==> flow/design.v <==
module gen_sh_core_v2 #(
  parameter XLEN = 64,
  parameter SEL_W = $clog2(XLEN)
) (
  input  wire clk_i,
  input  wire [XLEN-1:0] ch_i,
  input  wire [SEL_W-1:0] n_i,
  output reg [XLEN-1:0] res_o
);
  reg [XLEN-1:0] t;
  integer k;
  always @* begin
    t = ch_i;
    for (k = 0; k < SEL_W; k = k + 1)
      if (n_i[k]) t = t << (1 << k);
  end
  always @(posedge clk_i)
    res_o <= t;
endmodule
======== From RTL to reports: gen_sh_core_v2 ========
What the tools print for gen_sh_core_v2, step after step.
Lines are those of the file above, counted from 1.
Operators carry their Yosys type and port widths (W data, S select, Z words).
Library cell names are shortened.
A cell with n/a has no value.
design
  design top .............................. gen_sh_core_v2
  clock ................................... clk_i
  library ................................. sky130hd
  corner .................................. tt_025C_1v80

======== Elaborated design ========
Yosys after proc, flatten, opt, wreduce and memory -nomap, before mapping. Memory bits, and registers merged into a memory's read port (data or address), are not among the register bits. Print and check cells are not counted. Equal cells are merged and count once.
word-level totals
  elaborated cells ........................ 8
  bits in registers ....................... 64
  input bits .............................. 71
cells by class
  mux-type cells .......................... 6
operator list
  operator  number
  $mux W64  6

======== Longest topological paths ========
Yosys ltp: most cells in a row. Word level: on the elaborated netlist, between registers, memories and ports. Mapped: between sequential cells and ports; inverters and the memories' decode and read muxes count.
logic depth
  depth in word-level cells ............... 6
  ABC_AREA ................................ 0
  depth in mapped cells ................... 9
  mapped depth without buffers ............ 5

======== Netlist ========
The flow's flattened synthesis, as Yosys stat reports it; memories are mapped. The netlist is that of the ABC_AREA named above (0 if unset); the other value can give another one.
The area totals of this step are shown rounded.
mapped netlist
  mapped area ............................. 5890 sq um
  sequential area ......................... 1280 sq um
  mapped flip-flops ....................... 64
  standard cells after synthesis .......... 580
cells by type
  cell      number  area in all (sq um)
  mux4_2    74      1.67E+03
  dfxtp_1   64      1.28E+03
  mux2i_1   55      550.528
  mux2_2    38      427.91
  nand2_1   52      195.187
  nor2_1    43      161.405
  o22ai_1   24      150.144
  a21oi_1   21      105.101
  buf_2     18      90.086
  o21ai_0   16      80.077
  clkbuf_1  19      71.318
  nand3_1   14      70.067
  a22oi_1   9       67.565
  o221ai_1  7       61.309
  a211oi_1  7       52.55
  buf_4     7       52.55
  o211ai_1  7       52.55
  nand2b_1  8       50.048
Not listed: further types 38, cells in them 97.

======== Worst setup path after synthesis ========
OpenSTA on the mapped netlist: ideal clock, no wires. The path of least setup slack (recovery checks aside). Input and output delay are each 20% of the period. Register names are those of the netlist, which keeps one name where synthesis merged equal registers.
timing post-synthesis
  path type ............................... input -> register
  start point ............................. input port n_i[3]
  end point ............................... register res_o[56]
  data arrival time ....................... 2.266 ns
  setup time .............................. 0.122 ns
  delay of the path ....................... 1.820 ns
  stages on the path ...................... 8
  time at the first pin ................... 0.568 ns
  period .................................. 2.84 ns
  slack ................................... 0.453 ns
  synthesis period reached ................ 2.387 ns
"delay of the path" = arrival - input delay + setup time.
"stages on the path": output pins that drive a net of the path, with the launching flip-flop's if there is one; two outputs of one cell count as two.
"synthesis period reached" is the clock period less the worst setup slack; recovery checks do not enter. This is arithmetic on one report: input and output delays are still those of the set period (20% each).
Between the ends stands the longest chain of elaborated cells between them, by number of cells; it is not shown to be the way that was timed. Of several equally long chains one is given.
Each line given opens the expression or statement behind the cell; cells for indexed reads and writes are added by Yosys, which also makes memories of some case tables.
between the ends, post-synthesis
  cell sequence ........................... buf_2 -> buf_2 -> buf_2 -> mux4_2 -> mux2i_1 -> nor2_1 -> a211o_1 -> a221o_1
  cells in the longest elaborated chain ... 3
RTL lines, path post-synthesis
  element                RTL line  source
  from (decl)            7         input  wire [SEL_W-1:0] n_i,
  $mux W64 (3 in a row)  15        if (n_i[k]) t = t << (1 << k);
  to (assign)            18        res_o <= t;
  to (decl)              8         output reg [XLEN-1:0] res_o

======== Timing after layout ========
From the final timing report of flow run 1: the path of least setup slack in the routed layout; clock arrival at registers is part of the times.
timing after layout
  path type ............................... input -> register
  start point ............................. input port ch_i[3]
  end point ............................... register res_o[52]
  time at the first pin ................... 0.57 ns
  data arrival time ....................... 2.86 ns
  slack ................................... 0.17 ns
  stages on the path ...................... 8
  setup time .............................. 0.13 ns
  period .................................. 2.84 ns
Between the ends stands the longest chain of elaborated cells between them, by number of cells; it is not shown to be the way that was timed. Of several equally long chains one is given.
between the ends, after layout
  cell sequence ........................... clkdlybuf4s50_1 -> buf_4 -> mux4_2 -> mux2i_1 -> o22ai_1 -> a211oi_1 -> buf_4 -> o221ai_1
  cells in the longest elaborated chain ... 6
RTL lines, path after layout
  element                RTL line  source
  from (decl)            6         input  wire [XLEN-1:0] ch_i,
  $mux W64 (6 in a row)  15        if (n_i[k]) t = t << (1 << k);
  to (assign)            18        res_o <= t;
  to (decl)              8         output reg [XLEN-1:0] res_o

3 stored runs of gen_sh_core_v2 in the flow (synthesis by Yosys, layout by OpenROAD, sky130hd cells), in arbitrary order. Constraints: input delay and output delay 20% of the set period each, output load 0.01 pF.
"achieved clock period" means the clock period less the worst setup slack. The figure is calculated, with input and output delays left at 20% of the set period.
By "worst setup path time" is meant the share of the clock period that the worst setup path is allowed (20% is reserved at inputs, 20% at outputs), minus its slack. Clock arrival times at its registers enter into it.
"total power after layout" rests on the timing tool's default activity at the inputs, not on a simulated workload.
Values from the reports are rounded here.

======== flow run 1 ========
==> flow/run.sh <==
#!/bin/bash
# the make line also repeats the synthesis and layout settings of config.mk as NAME=value (left out here)
make -C /OpenROAD-flow-scripts/flow DESIGN_CONFIG=/design/flow/config.mk WORK_HOME=/design/flow/orfs CLKGATE_MAP_FILE= finish
==> flow/config.mk <==
export PLATFORM = sky130hd
export DESIGN_NAME = gen_sh_core_v2
export DESIGN_NICKNAME = gen_sh_core_v2
export VERILOG_FILES = /design/flow/design.v
export SDC_FILE = /design/flow/constraint.sdc
export NUM_CORES = 4
export LEC_CHECK = 0
export CAP_MARGIN = 20
export CORE_MARGIN = 2
export CORE_UTILIZATION = 40
export SLEW_MARGIN = 20
==> flow/constraint.sdc <==
create_clock -name core_clock -period 2.84 [get_ports {clk_i}]
set_input_delay 0.5680 -clock core_clock [delete_from_list [all_inputs] [get_ports {clk_i}]]
set_output_delay 0.5680 -clock core_clock [all_outputs]
set_load 0.01 [all_outputs]

-------- measured, flow run 1 --------
  achieved clock period ................... 2.666 ns
  standard-cell area after layout ......... 8110 sq um
  final setup TNS ......................... 0.000 ns
  area inside the die boundary ............ 15700 sq um
  worst setup slack after layout .......... 0.174 ns
  worst setup path time ................... 2.10 ns
  class of the worst setup path ........... input -> register
  post-synthesis cell area ................ 5890 sq um
  total power after layout ................ 3.52 mW
  worst-case hold slack ................... 0.861 ns
  post-route utilization .................. 0.56

======== flow run 2 ========
==> flow/run.sh <==
#!/bin/bash
# the make line also repeats the synthesis and layout settings of config.mk as NAME=value (left out here)
make -C /OpenROAD-flow-scripts/flow DESIGN_CONFIG=/design/flow/config.mk WORK_HOME=/design/flow/orfs CLKGATE_MAP_FILE= finish
==> flow/config.mk <==
export PLATFORM = sky130hd
export DESIGN_NAME = gen_sh_core_v2
export DESIGN_NICKNAME = gen_sh_core_v2
export VERILOG_FILES = /design/flow/design.v
export SDC_FILE = /design/flow/constraint.sdc
export NUM_CORES = 4
export LEC_CHECK = 0
export CAP_MARGIN = 15
export CELL_PAD_IN_SITES_DETAIL_PLACEMENT = 1
export CORE_MARGIN = 2
export CORE_UTILIZATION = 29
export CTS_CLUSTER_SIZE = 55
export PLACE_DENSITY = 0.44
export SETUP_SLACK_MARGIN = 0.02
export SLEW_MARGIN = 5
==> flow/constraint.sdc <==
create_clock -name core_clock -period 3.17 [get_ports {clk_i}]
set_input_delay 0.6340 -clock core_clock [delete_from_list [all_inputs] [get_ports {clk_i}]]
set_output_delay 0.6340 -clock core_clock [all_outputs]
set_load 0.01 [all_outputs]

-------- measured, flow run 2 --------
  achieved clock period ................... 2.743 ns
  standard-cell area after layout ......... 8050 sq um
  final setup TNS ......................... 0.000 ns
  area inside the die boundary ............ 21500 sq um
  worst setup slack after layout .......... 0.427 ns
  worst setup path time ................... 2.11 ns
  class of the worst setup path ........... input -> register
  post-synthesis cell area ................ 5890 sq um
  total power after layout ................ 3.14 mW
  worst-case hold slack ................... 1.00 ns
  post-route utilization .................. 0.401

======== flow run 3 ========
==> flow/run.sh <==
#!/bin/bash
# the make line also repeats the synthesis and layout settings of config.mk as NAME=value (left out here)
make -C /OpenROAD-flow-scripts/flow DESIGN_CONFIG=/design/flow/config.mk WORK_HOME=/design/flow/orfs CLKGATE_MAP_FILE= finish
==> flow/config.mk <==
export PLATFORM = sky130hd
export DESIGN_NAME = gen_sh_core_v2
export DESIGN_NICKNAME = gen_sh_core_v2
export VERILOG_FILES = /design/flow/design.v
export SDC_FILE = /design/flow/constraint.sdc
export NUM_CORES = 4
export LEC_CHECK = 0
export CAP_MARGIN = 20
export CELL_PAD_IN_SITES_GLOBAL_PLACEMENT = 1
export CORE_ASPECT_RATIO = 0.77
export CORE_MARGIN = 2
export CORE_UTILIZATION = 70
export GPL_TIMING_DRIVEN = 0
export MAX_ROUTING_LAYER = met4
export MIN_ROUTING_LAYER = met1
export PLACE_DENSITY_LB_ADDON = 0.09
export SETUP_SLACK_MARGIN = 0.53
export SLEW_MARGIN = 20
==> flow/constraint.sdc <==
create_clock -name core_clock -period 2.65 [get_ports {clk_i}]
set_input_delay 0.5300 -clock core_clock [delete_from_list [all_inputs] [get_ports {clk_i}]]
set_output_delay 0.5300 -clock core_clock [all_outputs]
set_load 0.01 [all_outputs]

-------- flow run 3 --------
  incomplete, placement halted on FLW-0024
